==> flow/design.v <==
module cmp_v2 #(
    parameter integer DW = 18,
    parameter integer COUNT = 3
) (
    input wire clk_i,
    input wire en,
    input wire [COUNT*DW-1:0] src,
    output reg [DW-1:0] max_o
);
    wire [DW-1:0] n_ [1:2*COUNT-1];
    genvar ii;
    generate
        for (ii = 0; ii < COUNT; ii = ii + 1) begin : blk
            assign n_[COUNT+ii] = src[ii*DW +: DW];
        end
        for (ii = 1; ii < COUNT; ii = ii + 1) begin : slice
            assign n_[ii] = (n_[2*ii] > n_[2*ii+1]) ? n_[2*ii] : n_[2*ii+1];
        end
    endgenerate
    always @(posedge clk_i) begin
        if (en) begin
            max_o <= n_[1];
        end
    end
endmodule
; From RTL to reports: cmp_v2
; What the tools print for cmp_v2, step after step.
; Lines are those of the file above, counted from 1.
; Operators: Yosys type, input widths -> output width; for muxes data width and select width s.
; Library cell names are shortened.
; Not given: n/a
[design]
design = cmp_v2
clock_port = clk_i
library = sky130hd
pvt_corner = tt_025C_1v80

; Elaborated design
; Source: Yosys, flattened and elaborated, memories not mapped. Widths are those after wreduce; folded enables and synchronous resets count as part of the registers. Registers that Yosys merges into a memory's read port (data or address) are not register bits. Print and check cells do not count. Equal cells are merged and count once.
[classes]
cmp = 2
n_mux = 2
[ops]
columns = cell, count
row1 = $gt 18x18->1, 2
row2 = $mux 18, 2
[bits]
elab_cells = 5
regBits = 18
in_bits = 56

; Longest topological paths
; Longest topological path by Yosys (ltp), each cell counted once; first at word level (registers and memories cut), then after technology mapping (sequential cells cut; the memories' decode and read muxes count).
[logic_depth]
word_depth = 4
ABC_AREA = 0
mapped_depth = 17
mapped_depth_nobuf = 14

; Synthesis result
; The flow's flattened synthesis, as Yosys stat reports it; memories are mapped. The netlist is that of the ABC_AREA named above (0 if unset); the other value can give another one.
[by_type]
columns = cell, count, type_area_um2
row1 = edfxtp_1, 18, 540.518
row2 = ha_1, 36, 450.432
row3 = mux2_2, 17, 191.434
row4 = mux2i_1, 19, 190.182
row5 = a221o_1, 17, 170.163
row6 = o211ai_1, 20, 150.144
row7 = inv_1, 36, 135.13
row8 = nand2_1, 22, 82.579
row9 = a21oi_1, 10, 50.048
row10 = nand4_1, 8, 50.048
row11 = buf_6, 3, 33.782
row12 = o21a_1, 4, 30.029
row13 = nor2b_1, 4, 25.024
row14 = a21o_1, 3, 22.522
row15 = o31ai_4, 1, 21.27
row16 = buf_2, 4, 20.019
row17 = a211o_1, 2, 17.517
row18 = o21ai_2, 2, 17.517
; Not listed: further types 17, cells in them 23.
[mapped]
cell_count = 249
ff_cells = 18
synth_area_um2 = 2354.8

; Worst setup path after synthesis
; Source: OpenSTA report_checks on the synthesized netlist (no wires, ideal clock, input and output delay 20% of the period each), path of least setup slack; recovery checks are left aside. Register names are those of the netlist, which keeps one name where synthesis merged equal registers.
[synth_path]
kind = in2reg
startpoint = in src[51]
endpoint = reg max_o[10]
required_time_ns = 5.540
input_delay_ns = 1.160
clock_period_ns = 5.8
launch_ns = 1.160
path_delay_ns = 3.713
setup_slack_ns = 0.927
arrival_ns = 4.613
driving_pins = 17
period_less_setup_slack_ns = 4.873
; "path_delay_ns" is the arrival time less input delay plus setup time.
; "driving_pins" counts driving pins, that of a launching flip-flop among them; a cell with two outputs on the path counts twice.
; "period_less_setup_slack_ns" is the clock period less the worst setup slack; recovery checks do not enter. This is arithmetic on one report: input and output delays are still those of the set period (20% each).
; The rows between start and end are the longest chain of elaborated cells between them; the timing report does not say that the signal goes this way. Where chains are equally long, one stands for them.
; Each line given opens the expression or statement behind the cell; cells for indexed reads and writes are added by Yosys, which also makes memories of some case tables.
[synth_via]
path_cell_list = inv_1 -> ha_1 -> a211o_1 -> a21oi_4 -> o21ai_2 -> and2_1 -> buf_6 -> buf_6 -> a221o_1 -> ha_1 -> nor2b_1 -> o21bai_1 -> a31oi_1 -> o31a_1 -> o31ai_4 -> buf_2 -> mux2_2
elab_chain_cells = 4
cone_cells = 4
lines_between = 1
cone_classes = 2 x compare; 2 x mux
[synth_rtl]
columns = item, line
row1 = from (decl), 7  ; input wire [COUNT*DW-1:0] src,
row2 = $gt 18x18->1, 17  ; assign n_[ii] = (n_[2*ii] > n_[2*ii+1]) ? n_[2*ii] : n_[2*ii+1];
row3 = $mux 18, 17
row4 = $gt 18x18->1, 17
row5 = $mux 18, 17
row6 = to (assign), 22  ; max_o <= n_[1];
row7 = to (decl), 8  ; output reg [DW-1:0] max_o

; Timing after layout
; Path of least setup slack in the final report of run 2 (OpenROAD, finished layout, wires in). Where an end is a register, its clock arrival counts in the times.
[layout_path]
kind = in2reg
startpoint = in src[51]
endpoint = reg max_o[3]
required_time_ns = 5.80
arrival_ns = 5.19
input_delay_ns = 1.16
driving_pins = 15
setup_slack_ns = 0.61
clock_period_ns = 5.8
launch_ns = 1.16
; The rows between start and end are the longest chain of elaborated cells between them; the timing report does not say that the signal goes this way. Where chains are equally long, one stands for them.
[layout_via]
path_cell_list = clkdlybuf4s50_1 -> inv_1 -> ha_1 -> a211o_1 -> a21o_1 -> o21ai_2 -> a221o_1 -> ha_1 -> nand4_1 -> o21bai_1 -> a31oi_1 -> o31a_1 -> o31ai_4 -> buf_12 -> mux2_2
elab_chain_cells = 4
cone_cells = 4
lines_between = 1
cone_classes = 2 x compare; 2 x mux
[layout_rtl]
columns = item, line
row1 = from (decl), 7  ; input wire [COUNT*DW-1:0] src,
row2 = $gt 18x18->1, 17  ; assign n_[ii] = (n_[2*ii] > n_[2*ii+1]) ? n_[2*ii] : n_[2*ii+1];
row3 = $mux 18, 17
row4 = $gt 18x18->1, 17
row5 = $mux 18, 17
row6 = to (assign), 22  ; max_o <= n_[1];
row7 = to (decl), 8  ; output reg [DW-1:0] max_o

FLOW RESULTS
============

Measured data: module cmp_v2, platform sky130hd, 3 stored runs of the flow under differing settings, order arbitrary. Input and output delays are each 20% of the period that was set; the output load is 0.01 pF.
"achievedPeriod_ns": clock period set for the run, less the worst setup slack. It is reckoned from that one timing run; input and output delays stay at 20% of the period that was set.
"worst_path_ns" is the time allowed to the run's worst setup path (the clock period less input and output delay, where it has them) less its slack. Clock arrival times count: a late capture clock shortens it, a late launch clock lengthens it.
By "power_mw" is meant OpenSTA's value without simulated activity: inputs other than the clock are taken to toggle once in ten clock periods, and the tool carries that through the logic.

# run 1
==> flow/run.sh <==
#!/bin/bash
# the make line also repeats the synthesis and layout settings of config.mk as NAME=value (left out here)
make -C /OpenROAD-flow-scripts/flow DESIGN_CONFIG=/design/flow/config.mk WORK_HOME=/design/flow/orfs CLKGATE_MAP_FILE= finish
==> flow/config.mk <==
export PLATFORM = sky130hd
export DESIGN_NAME = cmp_v2
export DESIGN_NICKNAME = cmp_v2
export VERILOG_FILES = /design/flow/design.v
export SDC_FILE = /design/flow/constraint.sdc
export NUM_CORES = 4
export LEC_CHECK = 0
export ABC_AREA = 0
export CAP_MARGIN = 20
export CELL_PAD_IN_SITES_GLOBAL_PLACEMENT = 1
export CORE_MARGIN = 5
export CORE_UTILIZATION = 59
export CTS_CLUSTER_SIZE = 94
export PLACE_DENSITY = 0.7
export SETUP_SLACK_MARGIN = -0.11
export SLEW_MARGIN = 20
export TNS_END_PERCENT = 50
==> flow/constraint.sdc <==
create_clock -name core_clock -period 2.88 [get_ports {clk_i}]
set_input_delay 0.5760 -clock core_clock [delete_from_list [all_inputs] [get_ports {clk_i}]]
set_output_delay 0.5760 -clock core_clock [all_outputs]
set_load 0.01 [all_outputs]

==> run 1: results <==
outcome="stopped before the end: placement reported GPL-0301"

# run 2
==> flow/run.sh <==
#!/bin/bash
# the make line also repeats the synthesis and layout settings of config.mk as NAME=value (left out here)
make -C /OpenROAD-flow-scripts/flow DESIGN_CONFIG=/design/flow/config.mk WORK_HOME=/design/flow/orfs CLKGATE_MAP_FILE= finish
==> flow/config.mk <==
export PLATFORM = sky130hd
export DESIGN_NAME = cmp_v2
export DESIGN_NICKNAME = cmp_v2
export VERILOG_FILES = /design/flow/design.v
export SDC_FILE = /design/flow/constraint.sdc
export NUM_CORES = 4
export LEC_CHECK = 0
export CAP_MARGIN = 20
export CORE_MARGIN = 2
export CORE_UTILIZATION = 40
export SLEW_MARGIN = 20
==> flow/constraint.sdc <==
create_clock -name core_clock -period 5.8 [get_ports {clk_i}]
set_input_delay 1.1600 -clock core_clock [delete_from_list [all_inputs] [get_ports {clk_i}]]
set_output_delay 1.1600 -clock core_clock [all_outputs]
set_load 0.01 [all_outputs]

==> run 2: results <==
setup_worst_slack_ns=0.609
finish.stdcell_area_um2=3205.6
dieArea_um2=6516.5
synthArea_um2=2354.8
utilization_pct=57.2
final_setup_tns_ns=0.000
achievedPeriod_ns=5.191
power_mw=0.5949
hold_ws_ns=1.632
worst_path_ns=4.03
worstPathKind="in2reg"

# run 3
==> flow/run.sh <==
#!/bin/bash
# the make line also repeats the synthesis and layout settings of config.mk as NAME=value (left out here)
make -C /OpenROAD-flow-scripts/flow DESIGN_CONFIG=/design/flow/config.mk WORK_HOME=/design/flow/orfs CLKGATE_MAP_FILE= finish
==> flow/config.mk <==
export PLATFORM = sky130hd
export DESIGN_NAME = cmp_v2
export DESIGN_NICKNAME = cmp_v2
export VERILOG_FILES = /design/flow/design.v
export SDC_FILE = /design/flow/constraint.sdc
export NUM_CORES = 4
export LEC_CHECK = 0
export CAP_MARGIN = 40
export CORE_ASPECT_RATIO = 0.96
export CORE_MARGIN = 4
export CORE_UTILIZATION = 62
export CTS_CLUSTER_DIAMETER = 213
export GPL_ROUTABILITY_DRIVEN = 0
export SETUP_SLACK_MARGIN = 0.34
export SLEW_MARGIN = 15
export TNS_END_PERCENT = 80
==> flow/constraint.sdc <==
create_clock -name core_clock -period 3.94 [get_ports {clk_i}]
set_input_delay 0.7880 -clock core_clock [delete_from_list [all_inputs] [get_ports {clk_i}]]
set_output_delay 0.7880 -clock core_clock [all_outputs]
set_load 0.01 [all_outputs]

==> run 3: results <==
outcome="stopped before the end: placement reported DPL-0038"
